==> flow/design.v <==
module mul_unit_rtl #(
   parameter BITS = 7
) (
   input wire CLK,
   input wire ce,
   input wire [BITS-1:0] x,
   input wire [BITS-1:0] y,
   output wire [2*BITS-1:0] p
);
   reg [BITS-1:0] r_x;
   reg [BITS-1:0] r_y;
   always @(posedge CLK) begin
      if (ce) begin
         r_x <= x;
         r_y <= y;
      end
   end
   wire [BITS:0] node [0:BITS];
   wire [BITS-1:0] lo;
   assign node[0] = 0;
   genvar i;
   generate
      for (i = 0; i < BITS; i = i + 1) begin : stage
         add_row #(.N(BITS)) inst (.a(r_x), .sel(r_y[i]), .pin(node[i][BITS:1]), .pout(node[i+1]));
         assign lo[i] = node[i+1][0];
      end
   endgenerate
   reg [2*BITS-1:0] r_p;
   always @(posedge CLK) begin
      if (ce) begin
         r_p <= {node[BITS][BITS:1], lo};
      end
   end
   assign p = r_p;
endmodule
module add_row #(parameter N = 4) (
   input wire [N-1:0] a,
   input wire sel,
   input wire [N-1:0] pin,
   output wire [N:0] pout
);
   assign pout = pin + (a & {N{sel}});
endmodule
Step by step through the tools: mul_unit_rtl:

Tool output for the design above, in the order of the flow.
Lines are those of the file above, counted from 1.
Not given: -

* top: mul_unit_rtl
* clock input: CLK
* cell library: sky130hd
* timing corner: tt_025C_1v80

Word-level counts:

Counts by Yosys on the flattened word-level netlist (proc, flatten, opt, wreduce; memories kept). Register bits leave out memories and registers merged into their read ports (data or address); mux counts leave out enables and synchronous resets folded into registers. Print and check cells are left out. Cells with the same type and inputs are merged into one.

* register bits after elaboration: 28
* input bits: 16
* elaborated cells: 16
* output and inout bits: 14

* $add $sub $neg: 6
* bitwise logic cells: 7

Operators with widths (number)
* bitwise AND 7 bit: 7
* adder 7 x 8 -> 8 bit: 5
* adder 6 x 8 -> 8 bit: 1

Logic depth:

Depth = most cells in a row (Yosys ltp): at word level without a register or memory, in the mapped netlist without a sequential cell, where the memories' decode and read muxes count.

* depth after elaboration: 7
* ABC_AREA: 0
* gate-level depth with buffers: 30
* depth with buffers taken out: 30

Synthesis result:

Source: synth_stat.txt of the flow (Yosys; design flattened, memories mapped). It holds for the ABC_AREA given above (unset counts as 0); a run with the other value may have another netlist.

Cell types
* sky130_fd_sc_hd__edfxtp_1: number 28, total area 840.806 um^2
* sky130_fd_sc_hd__ha_1: number 41, total area 512.992 um^2
* sky130_fd_sc_hd__and2_1: number 44, total area 275.264 um^2
* sky130_fd_sc_hd__xnor2_1: number 17, total area 148.893 um^2
* sky130_fd_sc_hd__a21oi_1: number 24, total area 120.115 um^2
* sky130_fd_sc_hd__fa_1: number 6, total area 120.115 um^2
* sky130_fd_sc_hd__nor2b_1: number 14, total area 87.584 um^2
* sky130_fd_sc_hd__inv_1: number 21, total area 78.826 um^2
* sky130_fd_sc_hd__o21ai_0: number 14, total area 70.067 um^2
* sky130_fd_sc_hd__nand2_1: number 13, total area 48.797 um^2
* sky130_fd_sc_hd__xor2_1: number 5, total area 43.792 um^2
* sky130_fd_sc_hd__a311o_1: number 4, total area 40.038 um^2
* sky130_fd_sc_hd__nor2_1: number 10, total area 37.536 um^2
* sky130_fd_sc_hd__o31a_1: number 4, total area 35.034 um^2
* sky130_fd_sc_hd__a21o_1: number 4, total area 30.029 um^2
* sky130_fd_sc_hd__o21a_1: number 4, total area 30.029 um^2
* sky130_fd_sc_hd__a31oi_1: number 4, total area 25.024 um^2
* sky130_fd_sc_hd__nor4_1: number 3, total area 18.768 um^2

Other cell types: 12; their cells: 19.

* standard cells after synthesis: 279
* chip area (Yosys): 2702.6 um^2
* flip-flop cells: 28
* buffers: 0
* area of sequential cells: 840.8 um^2

The figures by module come from a second, unflattened synthesis with its own total; it is not the netlist above.

* cells (unflattened synthesis): 337
* area total of the unflattened synthesis: 3139.3 um^2

Each row is one instance without its submodules.

Modules
* add_row #(N=7): seq. area 0.0 um^2, area 327.8 um^2, instances 7, cells 44
* mul_unit_rtl: seq. area 840.8 um^2, area 844.6 um^2, instances 1, cells 29

Path before layout:

Path of least setup slack by OpenSTA after synthesis, without wires, with an ideal clock, recovery checks aside; 20% of the period is set as input and as output delay. Where synthesis merged equal registers, the netlist keeps one of their names.

* kind: register -> register
* from: reg r_y[1]
* to: reg r_p[13]
* clock period: 7.54 ns
* launch time at the first pin: 0.000 ns
* path buffers: 0
* stages: 29
* arrival: 5.767 ns
* setup time: 0.266 ns
* data required time: 7.274 ns
* slack: 1.507 ns
* delay of the path: 6.033 ns
* synthesis period reached: 6.033 ns

"delay of the path" = arrival - input delay + setup time.
"stages" counts driving pins, that of a launching flip-flop among them; a cell with two outputs on the path counts twice.
"synthesis period reached" is the clock period less the worst setup slack; recovery checks do not enter. This is arithmetic on one report: input and output delays are still those of the set period (20% each).
The rows between start and end are the longest chain of elaborated cells between them; the timing report does not say that the signal goes this way. Where chains are equally long, one stands for them.
A line is the first line of the expression or statement that the cell stems from. Yosys adds cells for indexed reads and writes and turns some case tables into memories.

* cell sequence: sky130_fd_sc_hd__edfxtp_1 sky130_fd_sc_hd__and2_1 sky130_fd_sc_hd__ha_1 sky130_fd_sc_hd__a21oi_1 sky130_fd_sc_hd__nor2b_1 sky130_fd_sc_hd__a311o_1 sky130_fd_sc_hd__xor2_1 sky130_fd_sc_hd__ha_1 sky130_fd_sc_hd__nor2b_1 sky130_fd_sc_hd__a311oi_1 sky130_fd_sc_hd__xnor2_1 sky130_fd_sc_hd__ha_1 sky130_fd_sc_hd__nor2b_1 sky130_fd_sc_hd__a311oi_1 sky130_fd_sc_hd__xnor2_1 sky130_fd_sc_hd__ha_1 sky130_fd_sc_hd__nand3_1 sky130_fd_sc_hd__o21ai_0 sky130_fd_sc_hd__xor2_1 sky130_fd_sc_hd__ha_1 sky130_fd_sc_hd__a21oi_1 sky130_fd_sc_hd__nand2_1 sky130_fd_sc_hd__a31oi_1 sky130_fd_sc_hd__xnor2_1 sky130_fd_sc_hd__ha_1 sky130_fd_sc_hd__a21oi_1 sky130_fd_sc_hd__nand2_1 sky130_fd_sc_hd__a31oi_1 sky130_fd_sc_hd__o21ai_0
* length of the longest elaborated chain: 7
* elaborated cells on any way between the ends: 7
* source lines of those cells: 1
* those cells by class: add/sub: 6; logic: 1

Ends and longest elaborated chain, post-synthesis
* start: declaration: line 11 `reg [BITS-1:0] r_y;`
* start: assignment: line 15 `r_y <= y;`
* bitwise AND 7 bit: line 42 `assign pout = pin + (a & {N{sel}});`
* adder 6 x 8 -> 8 bit: line 42
* adder 7 x 8 -> 8 bit (5 in a row): line 42
* end: assignment: line 31 `r_p <= {node[BITS][BITS:1], lo};`
* end: declaration: line 28 `reg [2*BITS-1:0] r_p;`

Timing after layout:

From the final timing report of run 1: the path of least setup slack in the routed layout; clock arrival at registers is part of the times.

* kind: register -> register
* from: reg r_y[1]
* to: reg r_p[13]
* path buffers: 0
* data required time: 7.56 ns
* arrival: 6.70 ns
* launch time at the first pin: 0.27 ns
* setup time: 0.25 ns
* slack: 0.86 ns
* clock period: 7.54 ns
* stages: 31

The rows between start and end are the longest chain of elaborated cells between them; the timing report does not say that the signal goes this way. Where chains are equally long, one stands for them.

* cell sequence: sky130_fd_sc_hd__edfxtp_1 sky130_fd_sc_hd__and2_1 sky130_fd_sc_hd__ha_1 sky130_fd_sc_hd__inv_1 sky130_fd_sc_hd__fa_1 sky130_fd_sc_hd__nor2b_1 sky130_fd_sc_hd__o31a_1 sky130_fd_sc_hd__a21oi_1 sky130_fd_sc_hd__ha_1 sky130_fd_sc_hd__a21oi_1 sky130_fd_sc_hd__nor2b_1 sky130_fd_sc_hd__a311oi_1 sky130_fd_sc_hd__xnor2_1 sky130_fd_sc_hd__ha_1 sky130_fd_sc_hd__nor2b_1 sky130_fd_sc_hd__a311oi_1 sky130_fd_sc_hd__xnor2_1 sky130_fd_sc_hd__ha_1 sky130_fd_sc_hd__nand3_1 sky130_fd_sc_hd__o21ai_0 sky130_fd_sc_hd__xor2_1 sky130_fd_sc_hd__ha_1 sky130_fd_sc_hd__a21oi_1 sky130_fd_sc_hd__nand2_1 sky130_fd_sc_hd__a31oi_1 sky130_fd_sc_hd__xnor2_1 sky130_fd_sc_hd__ha_1 sky130_fd_sc_hd__a21oi_1 sky130_fd_sc_hd__nand2_1 sky130_fd_sc_hd__a31oi_1 sky130_fd_sc_hd__o21ai_0
* length of the longest elaborated chain: 7
* elaborated cells on any way between the ends: 7
* source lines of those cells: 1
* those cells by class: add/sub: 6; logic: 1

Ends and longest elaborated chain, after layout
* start: declaration: line 11 `reg [BITS-1:0] r_y;`
* start: assignment: line 15 `r_y <= y;`
* bitwise AND 7 bit: line 42 `assign pout = pin + (a & {N{sel}});`
* adder 6 x 8 -> 8 bit: line 42
* adder 7 x 8 -> 8 bit (5 in a row): line 42
* end: assignment: line 31 `r_p <= {node[BITS][BITS:1], lo};`
* end: declaration: line 28 `reg [2*BITS-1:0] r_p;`

## Implementation results

Below are 2 stored runs of the flow (Yosys, OpenROAD; platform sky130hd) on mul_unit_rtl, each with its settings and what was measured, unordered. Constraints: input delay and output delay 20% of the set period each, output load 0.01 pF.
"reached clock period": clock period set for the run, less the worst setup slack. It is reckoned from that one timing run; input and output delays stay at 20% of the period that was set.
"time of the worst setup path" means the part of the period allowed to the worst setup path (the constraints hold back 20% at inputs and 20% at outputs) less its slack; where the path has registers, the arrival times of their clocks count too.
By "total power of the final layout" is meant OpenSTA's value without simulated activity: inputs other than the clock are taken to toggle once in ten clock periods, and the tool carries that through the logic.

### Run 1

==> flow/run.sh <==
#!/bin/bash
# the make line also repeats the synthesis and layout settings of config.mk as NAME=value (left out here)
make -C /OpenROAD-flow-scripts/flow DESIGN_CONFIG=/design/flow/config.mk WORK_HOME=/design/flow/orfs CLKGATE_MAP_FILE= finish
==> flow/config.mk <==
export PLATFORM = sky130hd
export DESIGN_NAME = mul_unit_rtl
export DESIGN_NICKNAME = mul_unit_rtl
export VERILOG_FILES = /design/flow/design.v
export SDC_FILE = /design/flow/constraint.sdc
export NUM_CORES = 4
export LEC_CHECK = 0
export CAP_MARGIN = 20
export CORE_MARGIN = 2
export CORE_UTILIZATION = 40
export SLEW_MARGIN = 20
==> flow/constraint.sdc <==
create_clock -name core_clock -period 7.54 [get_ports {CLK}]
set_input_delay 1.5080 -clock core_clock [delete_from_list [all_inputs] [get_ports {CLK}]]
set_output_delay 1.5080 -clock core_clock [all_outputs]
set_load 0.01 [all_outputs]

Results of run 1:
- Post-synthesis cell area: 2,702.6 um^2
- Die outline area: 7,429.6 um^2
- Standard-cell area after layout: 3,141.8 um^2
- Utilization of the finished layout: 48.6%
- Lowest setup slack: 0.859 ns
- Total negative slack: 0.000 ns
- Smallest hold slack: 0.702 ns
- Total power of the final layout: 0.001143 W
- Reached clock period: 6.681 ns
- Time of the worst setup path: 6.68 ns
- Kind of the worst setup path: register -> register

### Run 2

==> flow/run.sh <==
#!/bin/bash
# the make line also repeats the synthesis and layout settings of config.mk as NAME=value (left out here)
make -C /OpenROAD-flow-scripts/flow DESIGN_CONFIG=/design/flow/config.mk WORK_HOME=/design/flow/orfs CLKGATE_MAP_FILE= finish
==> flow/config.mk <==
export PLATFORM = sky130hd
export DESIGN_NAME = mul_unit_rtl
export DESIGN_NICKNAME = mul_unit_rtl
export VERILOG_FILES = /design/flow/design.v
export SDC_FILE = /design/flow/constraint.sdc
export NUM_CORES = 4
export LEC_CHECK = 0
export ABC_AREA = 1
export CAP_MARGIN = 20
export CELL_PAD_IN_SITES_DETAIL_PLACEMENT = 1
export CORE_MARGIN = 2
export CORE_UTILIZATION = 19
export CTS_CLUSTER_DIAMETER = 346
export GPL_ROUTABILITY_DRIVEN = 0
export MAX_ROUTING_LAYER = met5
export PLACE_DENSITY_LB_ADDON = 0.08
export SETUP_SLACK_MARGIN = 2.3
export SLEW_MARGIN = 20
==> flow/constraint.sdc <==
create_clock -name core_clock -period 9.38 [get_ports {CLK}]
set_input_delay 1.8760 -clock core_clock [delete_from_list [all_inputs] [get_ports {CLK}]]
set_output_delay 1.8760 -clock core_clock [all_outputs]
set_load 0.01 [all_outputs]

Results of run 2:
- Post-synthesis cell area: 2,984.1 um^2
- Die outline area: 16,723.7 um^2
- Standard-cell area after layout: 3,624.7 um^2
- Utilization of the finished layout: 23.8%
- Lowest setup slack: 3.382 ns
- Total negative slack: 0.000 ns
- Smallest hold slack: 0.742 ns
- Total power of the final layout: 0.0009455 W
- Reached clock period: 5.998 ns
- Time of the worst setup path: 6.00 ns
- Kind of the worst setup path: register -> register
